==> flow/design.v <==
module ex_add_sub #(
    parameter XLEN = 6
) (
    input wire aclk,
    input wire rst_n,
    input wire valid,
    input wire [XLEN-1:0] i_opa,
    input wire [XLEN-1:0] i_opb,
    output reg [XLEN-1:0] o_result
);
    reg [XLEN-1:0] r_opa;
    reg [XLEN-1:0] r_opb;
    always @(posedge aclk or negedge rst_n) begin
        if (~rst_n) begin
            r_opa <= 0;
            r_opb <= 0;
        end else if (valid) begin
            r_opa <= i_opa;
            r_opb <= i_opb;
        end
    end
    wire [XLEN:0] tmp = r_opa - r_opb;
    always @(posedge aclk or negedge rst_n) begin
        if (~rst_n) begin
            o_result <= 0;
        end else if (valid) begin
            o_result <= tmp[XLEN] ? {XLEN{1'b0}} : tmp[XLEN-1:0];
        end
    end
endmodule
# Step by step through the tools: ex_add_sub
# Module ex_add_sub in several versions that differ in "XLEN"; each step lists the members.
# The RTL above is that of XLEN = 6; lines are counted from 1 in the file of the member named.
# Cell names lack the library's common part.
inputs:
  top_module: "ex_add_sub"
  clock_port: "aclk"
  lib: "sky130hd"
  pvt_corner: "tt_025C_1v80"

# Members of the sweep
# Lines of each other member's file that are new or changed against the file above; lines that a member lacks are not shown.
src_changes:
  columns: ["XLEN", "line", "rtl"]
  rows:
  - [10, 2, "parameter XLEN = 10"]
  - [96, 2, "parameter XLEN = 96"]
  - [112, 2, "parameter XLEN = 112"]

# Elaborated design
# Counts by Yosys on the flattened word-level netlist (proc, flatten, opt, wreduce; memories kept). Register bits leave out memories and registers merged into their read ports (data or address); mux counts leave out enables and synchronous resets folded into registers. Print and check cells are left out. Cells with the same type and inputs are merged into one.
bits:
  columns: ["XLEN", "reg_bits", "input_bits", "out_inout_bits", "wordCells"]
  rows:
  - [6, 18, 15, 6, 5]
  - [10, 30, 23, 10, 5]
  - [96, 288, 195, 96, 5]
  - [112, 336, 227, 112, 5]
classes:
  columns: ["XLEN", "n_addsub", "n_mux"]
  rows:
  - [6, 1, 1]
  - [10, 1, 1]
  - [96, 1, 1]
  - [112, 1, 1]
op_table:
  columns: ["XLEN", "operators"]
  rows:
  - [6, "subtractor 6 x 6 -> 7 bit: 1; 2-to-1 mux 6 bit: 1"]
  - [10, "subtractor 10 x 10 -> 11 bit: 1; 2-to-1 mux 10 bit: 1"]
  - [96, "subtractor 96 x 96 -> 97 bit: 1; 2-to-1 mux 96 bit: 1"]
  - [112, "subtractor 112 x 112 -> 113 bit: 1; 2-to-1 mux 112 bit: 1"]

# Depth
# Yosys ltp: most cells in a row. Word level: on the elaborated netlist, between registers, memories and ports. Mapped: between sequential cells and ports; inverters and the memories' decode and read muxes count.
depth:
  columns: ["XLEN", "word_depth", "ABC_AREA", "depth_mapped", "depth_no_buf"]
  rows:
  - [6, 2, 0, 8, 8]
  - [10, 2, 0, 9, 9]
  - [96, 2, 0, 18, 15]
  - [112, 2, 0, 16, 14]

# Synthesis result
# The flow's flattened synthesis, as Yosys stat reports it; memories are mapped. The netlist is that of the ABC_AREA named above (0 if unset); the other value can give another one.
synth_totals:
  columns: ["XLEN", "stdcells", "area_mm2", "seq_area_mm2", "ff_cells", "buf_cells"]
  rows:
  - [6, 92, 0.0009534, 0.0004504, 18, 3]
  - [10, 153, 0.001589, 0.0007507, 30, 5]
  - [96, 1901, 0.0172215, 0.0072069, 288, 110]
  - [112, 2123, 0.0201268, 0.0084081, 336, 130]
types:
  columns: ["XLEN", "cell_types"]
  rows:
  - [6, "dfrtp_1: 18; ha_1: 6; mux2_2: 6; inv_1: 16; o21ai_0: 7; o22ai_1: 5; nand2_1: 8; o211ai_4: 1; fa_1: 1; o32ai_2: 1; a211oi_1: 2; nor2_1: 4; nand2b_1: 2; nor2b_1: 2; o211ai_2: 1; a21oi_1: 2; a221o_1: 1; buf_2: 2; (+7)"]
  - [10, "dfrtp_1: 30; ha_1: 10; mux2_2: 9; inv_1: 26; o21ai_0: 14; o22ai_1: 9; nand2_1: 14; xnor2_1: 4; a21oi_1: 5; o21a_1: 3; o211ai_4: 1; o311a_4: 1; fa_1: 1; xor2_1: 2; o2111ai_2: 1; nor2b_4: 1; clkbuf_1: 3; nand3b_2: 1; (+18)"]
  - [96, "dfrtp_1: 288; ha_1: 96; mux2_2: 96; o21ai_0: 197; inv_1: 213; nand2_1: 175; a21oi_1: 117; xnor2_1: 57; a21o_1: 52; nand3_1: 68; clkbuf_1: 86; nand3_2: 31; xor2_1: 34; nor2_1: 55; nand4_1: 27; o21bai_1: 22; o21ai_1: 32; nor2b_1: 22; (+233)"]
  - [112, "dfrtp_1: 336; ha_1: 112; mux2_2: 112; o21ai_0: 203; nand2_1: 230; a21oi_1: 163; inv_1: 147; a22o_1: 59; xnor2_1: 57; o2bb2ai_1: 42; xor2_1: 41; a21o_1: 43; nand4_1: 51; nor2_1: 80; o21bai_1: 36; clkbuf_1: 63; buf_2: 40; buf_4: 16; (+292)"]
# The mark (+n) counts cells that are not listed.

# Path before layout
# OpenSTA on the mapped netlist: ideal clock, no wires. The path of least setup slack (recovery checks aside). Input and output delay are each 20% of the period. Register names are those of the netlist, which keeps one name where synthesis merged equal registers.
synth_path:
  columns: ["XLEN", "path_type", "startpoint", "endpoint", "tclk_ns", "slack_ns", "stages", "path_delay_ns", "period_less_setup_slack_ns"]
  rows:
  - [6, "reg-to-reg", "register r_opa[0]", "register o_result[3]", 2.11, 0.422, 9, 1.688, 1.688]
  - [10, "reg-to-reg", "register r_opb[0]", "register o_result[4]", 2.48, 0.494, 9, 1.986, 1.986]
  - [96, "reg-to-reg", "register r_opa[0]", "register o_result[48]", 4.27, 0.852, 19, 3.417, 3.418]
  - [112, "reg-to-reg", "register r_opa[0]", "register o_result[111]", 3.85, 0.771, 16, 3.079, 3.079]
# "path_delay_ns" is the arrival time less input delay plus setup time.
# "stages" counts driving pins, that of a launching flip-flop among them; a cell with two outputs on the path counts twice.
# "period_less_setup_slack_ns" = period - worst setup slack (recovery checks aside). The figure is calculated, with input and output delays left at 20% of the set period.
# The rows between start and end are the longest chain of elaborated cells between them; the timing report does not say that the signal goes this way. Where chains are equally long, one stands for them.
# Each line given opens the expression or statement behind the cell; cells for indexed reads and writes are added by Yosys, which also makes memories of some case tables.
synth_between_XLEN_6:
  elab_chain_cells: 2
synth_lines_XLEN_6:
  columns: ["element", "line", "rtl"]
  rows:
  - ["start, declared", 11, "reg [XLEN-1:0] r_opa;"]
  - ["start, assigned", 15, "r_opa <= 0;"]
  - ["start, assigned", 18, "r_opa <= i_opa;"]
  - ["subtractor 6 x 6 -> 7 bit", 22, "wire [XLEN:0] tmp = r_opa - r_opb;"]
  - ["2-to-1 mux 6 bit", 27, "o_result <= tmp[XLEN] ? {XLEN{1'b0}} : tmp[XLEN-1:0];"]
  - ["end, assigned", 25, "o_result <= 0;"]
  - ["end, assigned", 27, null]
  - ["end, declared", 9, "output reg [XLEN-1:0] o_result"]
synth_between_XLEN_112:
  elab_chain_cells: 2
synth_lines_XLEN_112:
  columns: ["element", "line", "rtl"]
  rows:
  - ["start, declared", 11, "reg [XLEN-1:0] r_opa;"]
  - ["start, assigned", 15, "r_opa <= 0;"]
  - ["start, assigned", 18, "r_opa <= i_opa;"]
  - ["subtractor 112 x 112 -> 113 bit", 22, "wire [XLEN:0] tmp = r_opa - r_opb;"]
  - ["2-to-1 mux 112 bit", 27, "o_result <= tmp[XLEN] ? {XLEN{1'b0}} : tmp[XLEN-1:0];"]
  - ["end, assigned", 25, "o_result <= 0;"]
  - ["end, assigned", 27, null]
  - ["end, declared", 9, "output reg [XLEN-1:0] o_result"]

# Timing after layout
# Path of least setup slack in the final report of the run of each member (OpenROAD, finished layout, wires in). Where an end is a register, its clock arrival counts in the times.
layout_path:
  columns: ["XLEN", "path_type", "startpoint", "endpoint", "tclk_ns", "slack_ns", "stages", "t_arrival_ns", "path_buffers"]
  rows:
  - [6, "reg-to-reg", "register r_opa[0]", "register o_result[2]", 2.11, 0.30, 9, 1.98, 0]
  - [10, "reg-to-reg", "register r_opb[0]", "register o_result[4]", 2.48, 0.27, 9, 2.39, 0]
  - [96, "reg-to-reg", "register r_opa[35]", "register o_result[50]", 4.27, 0.35, 13, 4.36, 1]
  - [112, "reg-to-reg", "register r_opa[78]", "register o_result[105]", 3.85, 0.18, 11, 4.11, 0]

# Layout results
# One run of the flow (Yosys, OpenROAD) for each member, with settings and measured results. Input and output delays are each 20% of the period that was set; the output load is 0.01 pF.
flow_settings:
  CAP_MARGIN: 20
  CORE_MARGIN: 2
  CORE_UTILIZATION: 40
  SLEW_MARGIN: 20
settings_diff:
  columns: ["XLEN", "period_ns"]
  rows:
  - [6, 2.11]
  - [10, 2.48]
  - [96, 4.27]
  - [112, 3.85]
results:
  columns: ["XLEN", "yosys.chip_area_mm2", "dieArea_mm2", "finish.stdcell_area_mm2", "final_util_pct", "ws_setup_ns", "timing.setup.tns_ns", "final_power_uw", "period_less_ws_ns"]
  rows:
  - [6, 0.0009534, 0.0027899, 0.0012337, 55.2, 0.300, 0.000, 946.9, 1.810]
  - [10, 0.001589, 0.004493, 0.0020557, 54.9, 0.270, 0.000, 1483, 2.210]
  - [96, 0.0172215, 0.0447301, 0.0217696, 50.9, 0.346, 0.000, 10103, 3.924]
  - [112, 0.0201268, 0.0521277, 0.0254582, 51.1, 0.177, 0.000, 13221, 3.673]
# "period_less_ws_ns" means the clock period less the worst setup slack. The figure is calculated, with input and output delays left at 20% of the set period.
# "final_power_uw": no workload was simulated; the value follows from the tool's default switching activity.
